==> flow/design.v <==
module my_mplex_top #(
  parameter BITS = 3,
  parameter N_IN = 8,
  parameter SW = $clog2(N_IN)
) (
  input clk_i,
  input clr,
  input adv,
  input [N_IN*BITS-1:0] in_src,
  input [SW-1:0] in_select,
  output reg [BITS-1:0] out_data_out
);
  reg [N_IN*BITS-1:0] r_src;
  always @(posedge clk_i or posedge clr) begin
    if (clr) begin
      r_src <= 0;
    end else if (adv) begin
      r_src <= in_src;
    end
  end
  reg [SW-1:0] r_select;
  always @(posedge clk_i or posedge clr) begin
    if (clr) begin
      r_select <= 0;
    end else if (adv) begin
      r_select <= in_select;
    end
  end
  localparam HALF = N_IN / 2;
  reg [BITS-1:0] r_lo;
  always @(posedge clk_i or posedge clr) begin
    if (clr) begin
      r_lo <= 0;
    end else if (adv) begin
      r_lo <= r_src[r_select[SW-2:0]*BITS +: BITS];
    end
  end
  reg [BITS-1:0] r_hi;
  always @(posedge clk_i or posedge clr) begin
    if (clr) begin
      r_hi <= 0;
    end else if (adv) begin
      r_hi <= r_src[(HALF + r_select[SW-2:0])*BITS +: BITS];
    end
  end
  reg r_select_d;
  always @(posedge clk_i or posedge clr) begin
    if (clr) begin
      r_select_d <= 1'b0;
    end else if (adv) begin
      r_select_d <= r_select[SW-1];
    end
  end
  always @(posedge clk_i or posedge clr) begin
    if (clr) begin
      out_data_out <= 0;
    end else if (adv) begin
      out_data_out <= r_select_d ? r_hi : r_lo;
    end
  end
endmodule
---- From RTL to reports: my_mplex_top ----
What the tools print for my_mplex_top, step after step.
Lines are those of the file above, counted from 1.
Operators carry their Yosys type and port widths (W data, S select, Z words).
Library cell names are shortened.
Not given: -
inputs
  top ..................................... my_mplex_top
  clock ................................... clk_i
  library ................................. sky130hd
  timing corner ........................... tt_025C_1v80

---- Elaborated design ----
Counts by Yosys on the flattened word-level netlist (proc, flatten, opt, wreduce; memories kept). Register bits leave out memories and registers merged into their read ports (data or address); mux counts leave out enables and synchronous resets folded into registers. Print and check cells are left out. Cells with the same type and inputs are merged into one.
cells by class
  shift operators ......................... 2
  mux-type cells .......................... 1
  multipliers ............................. 2
  $add $sub $neg .......................... 1
operator list
  cell                   number
  $shiftx A24 B5 Y3      1
  $shiftx A24 B7 Y3      1
  $mul A4 B2 Y6 const B  1
  $mul A2 B2 Y4 const B  1
  $add A3 B2 Y4 const A  1
  $mux W3                1
bit counts
  output and inout port bits .............. 3
  register bits after elaboration ......... 37

---- Depth ----
Yosys ltp: most cells in a row. Word level: on the elaborated netlist, between registers, memories and ports. Mapped: between sequential cells and ports; inverters and the memories' decode and read muxes count.
depth
  word-level depth ........................ 3
  ABC_AREA ................................ 0
  gate-level depth with buffers ........... 4
  mapped depth without buffers ............ 2

---- Mapped cells and area ----
Yosys stat after the flow's synthesis: flattened, memories mapped to cells. It holds for the ABC_AREA given above (unset counts as 0); a run with the other value may have another netlist.
cells by type
  cell      number  area in all (um^2)
  dfrtp_1   37      925.888
  mux2_4    28      420.403
  mux2i_1   15      150.144
  buf_6     6       67.565
  o221ai_1  6       52.55
  nand2b_1  6       37.536
  buf_12    1       20.019
  a21oi_1   3       15.014
  nor2_1    3       11.261
  nand2b_2  1       8.758
  inv_1     1       3.754
  nand2_1   1       3.754
mapped netlist
  sequential area ......................... 925.9 um^2
  cells in the netlist .................... 108
  flip-flop cells ......................... 37
  chip area (Yosys) ....................... 1716.6 um^2

---- Worst setup path after synthesis ----
Source: OpenSTA report_checks on the synthesized netlist (no wires, ideal clock, input and output delay 20% of the period each), path of least setup slack; recovery checks are left aside. Register names are those of the netlist, which keeps one name where synthesis merged equal registers.
timing post-synthesis
  path type ............................... reg-to-reg
  from .................................... reg r_select[0]
  to ...................................... reg r_hi[0]
  required time ........................... 1.102 ns
  period .................................. 1.24 ns
  library setup time ...................... 0.138 ns
  arrival ................................. 0.856 ns
  delay of the path ....................... 0.994 ns
  stages on the path ...................... 5
  time at the first pin ................... 0.000 ns
  buffers on the path ..................... 2
  slack ................................... 0.246 ns
  period reached after synthesis .......... 0.994 ns
"delay of the path" is the arrival time less input delay plus setup time.
"stages on the path": output pins that drive a net of the path, with the launching flip-flop's if there is one; two outputs of one cell count as two.
"period reached after synthesis" is the clock period less the worst setup slack; recovery checks do not enter. This is arithmetic on one report: input and output delays are still those of the set period (20% each).
Between the ends stands the longest chain of elaborated cells between them, by number of cells; it is not shown to be the way that was timed. Of several equally long chains one is given.
A line is the first line of the expression or statement that the cell stems from. Yosys adds cells for indexed reads and writes and turns some case tables into memories.
on the way, post-synthesis
  cells stage by stage .................... dfrtp_1 -> buf_6 -> buf_12 -> mux2i_1 -> o221ai_1
  length of the longest elaborated chain .. 3
  elaborated cells on any way between the ends .. 3
  source lines of those cells ............. 1
  classes of those cells .................. add/sub (1); mul (1); shift (1)
RTL lines, path post-synthesis
  what               RTL line  text
  start, declared    21        reg [SW-1:0] r_select;
  start, assigned    24        r_select <= 0;
  start, assigned    26        r_select <= in_select;
  $add A3 B2 Y4      43        r_hi <= r_src[(HALF + r_select[SW-2:0])*BITS +: BITS];
  $mul A4 B2 Y6      43
  $shiftx A24 B7 Y3  43
  end, assigned      41        r_hi <= 0;
  end, assigned      43
  end, declared      38        reg [BITS-1:0] r_hi;

---- Timing after layout ----
From the final timing report of flow run 2: the path of least setup slack in the routed layout; clock arrival at registers is part of the times.
timing post-layout
  path type ............................... reg-to-output
  from .................................... reg out_data_out[1]
  to ...................................... out out_data_out[1]
  buffers on the path ..................... 1
  stages on the path ...................... 2
  required time ........................... 0.99 ns
  time at the first pin ................... 0.28 ns
  period .................................. 1.24 ns
  arrival ................................. 0.96 ns
  slack ................................... 0.04 ns
on the way, post-layout
  cells stage by stage .................... dfrtp_1 -> dlygate4sd2_1
  length of the longest elaborated chain .. 0
  elaborated cells on any way between the ends .. 0
  source lines of those cells ............. 0
RTL lines, path post-layout
  what             RTL line  text
  start, declared  11        output reg [BITS-1:0] out_data_out
  start, assigned  56        out_data_out <= 0;
  start, assigned  58        out_data_out <= r_select_d ? r_hi : r_lo;
  end, declared    11

# Flow runs of my_mplex_top

Measured data: module my_mplex_top, platform sky130hd, 3 stored runs of the flow under differing settings, order arbitrary. Input and output delays are each 20% of the period that was set; the output load is 0.01 pF.
"worst setup path time (ns)": the worst setup path's part of the clock period (all of it between registers, 20% less for each end at a port) less its slack. A launch clock that arrives late makes it longer, a capture clock that arrives late makes it shorter.
"finish__power__total": no workload was simulated; the value follows from the tool's default switching activity.

Flow files of flow run 1
==> flow/run.sh <==
#!/bin/bash
# the make line also repeats the synthesis and layout settings of config.mk as NAME=value (left out here)
make -C /OpenROAD-flow-scripts/flow DESIGN_CONFIG=/design/flow/config.mk WORK_HOME=/design/flow/orfs CLKGATE_MAP_FILE= finish
==> flow/config.mk <==
export PLATFORM = sky130hd
export DESIGN_NAME = my_mplex_top
export DESIGN_NICKNAME = my_mplex_top
export VERILOG_FILES = /design/flow/design.v
export SDC_FILE = /design/flow/constraint.sdc
export NUM_CORES = 4
export LEC_CHECK = 0
export ABC_AREA = 1
export CAP_MARGIN = 15
export CELL_PAD_IN_SITES_GLOBAL_PLACEMENT = 2
export CORE_MARGIN = 2
export CORE_UTILIZATION = 54
export CTS_CLUSTER_DIAMETER = 204
export HOLD_SLACK_MARGIN = 0.1
export MAX_ROUTING_LAYER = met5
export MIN_ROUTING_LAYER = met2
export PLACE_DENSITY = 0.57
export SLEW_MARGIN = 20
==> flow/constraint.sdc <==
create_clock -name core_clock -period 0.98 [get_ports {clk_i}]
set_input_delay 0.1960 -clock core_clock [delete_from_list [all_inputs] [get_ports {clk_i}]]
set_output_delay 0.1960 -clock core_clock [all_outputs]
set_load 0.01 [all_outputs]

report of flow run 1: did not finish, place, GPL-0301

Flow files of flow run 2
==> flow/run.sh <==
#!/bin/bash
# the make line also repeats the synthesis and layout settings of config.mk as NAME=value (left out here)
make -C /OpenROAD-flow-scripts/flow DESIGN_CONFIG=/design/flow/config.mk WORK_HOME=/design/flow/orfs CLKGATE_MAP_FILE= finish
==> flow/config.mk <==
export PLATFORM = sky130hd
export DESIGN_NAME = my_mplex_top
export DESIGN_NICKNAME = my_mplex_top
export VERILOG_FILES = /design/flow/design.v
export SDC_FILE = /design/flow/constraint.sdc
export NUM_CORES = 4
export LEC_CHECK = 0
export CAP_MARGIN = 20
export CORE_MARGIN = 2
export CORE_UTILIZATION = 40
export SLEW_MARGIN = 20
==> flow/constraint.sdc <==
create_clock -name core_clock -period 1.24 [get_ports {clk_i}]
set_input_delay 0.2480 -clock core_clock [delete_from_list [all_inputs] [get_ports {clk_i}]]
set_output_delay 0.2480 -clock core_clock [all_outputs]
set_load 0.01 [all_outputs]

report of flow run 2
yosys chip area after synthesis (um^2): 1716.6
finish__design__die__area: 4831.6
finish__design__instance__utilization: 0.5372
finish__timing__setup__ws: 0.036
finish__timing__setup__tns: 0.000
finish__power__total: 3.049e-03
worst setup path time (ns): 0.96
worst setup path kind: reg-to-output

Flow files of flow run 3
==> flow/run.sh <==
#!/bin/bash
# the make line also repeats the synthesis and layout settings of config.mk as NAME=value (left out here)
make -C /OpenROAD-flow-scripts/flow DESIGN_CONFIG=/design/flow/config.mk WORK_HOME=/design/flow/orfs CLKGATE_MAP_FILE= finish
==> flow/config.mk <==
export PLATFORM = sky130hd
export DESIGN_NAME = my_mplex_top
export DESIGN_NICKNAME = my_mplex_top
export VERILOG_FILES = /design/flow/design.v
export SDC_FILE = /design/flow/constraint.sdc
export NUM_CORES = 4
export LEC_CHECK = 0
export CAP_MARGIN = 20
export CELL_PAD_IN_SITES_DETAIL_PLACEMENT = 2
export CORE_MARGIN = 2
export CORE_UTILIZATION = 21
export GPL_TIMING_DRIVEN = 1
export MAX_ROUTING_LAYER = met5
export MIN_ROUTING_LAYER = met2
export SETUP_SLACK_MARGIN = 0.24
export SLEW_MARGIN = 15
==> flow/constraint.sdc <==
create_clock -name core_clock -period 1.18 [get_ports {clk_i}]
set_input_delay 0.2360 -clock core_clock [delete_from_list [all_inputs] [get_ports {clk_i}]]
set_output_delay 0.2360 -clock core_clock [all_outputs]
set_load 0.01 [all_outputs]

report of flow run 3
yosys chip area after synthesis (um^2): 1716.6
finish__design__die__area: 8913.2
finish__design__instance__utilization: 0.2986
finish__timing__setup__ws: 0.120
finish__timing__setup__tns: 0.000
finish__power__total: 3.150e-03
worst setup path time (ns): 1.06
worst setup path kind: reg-to-reg
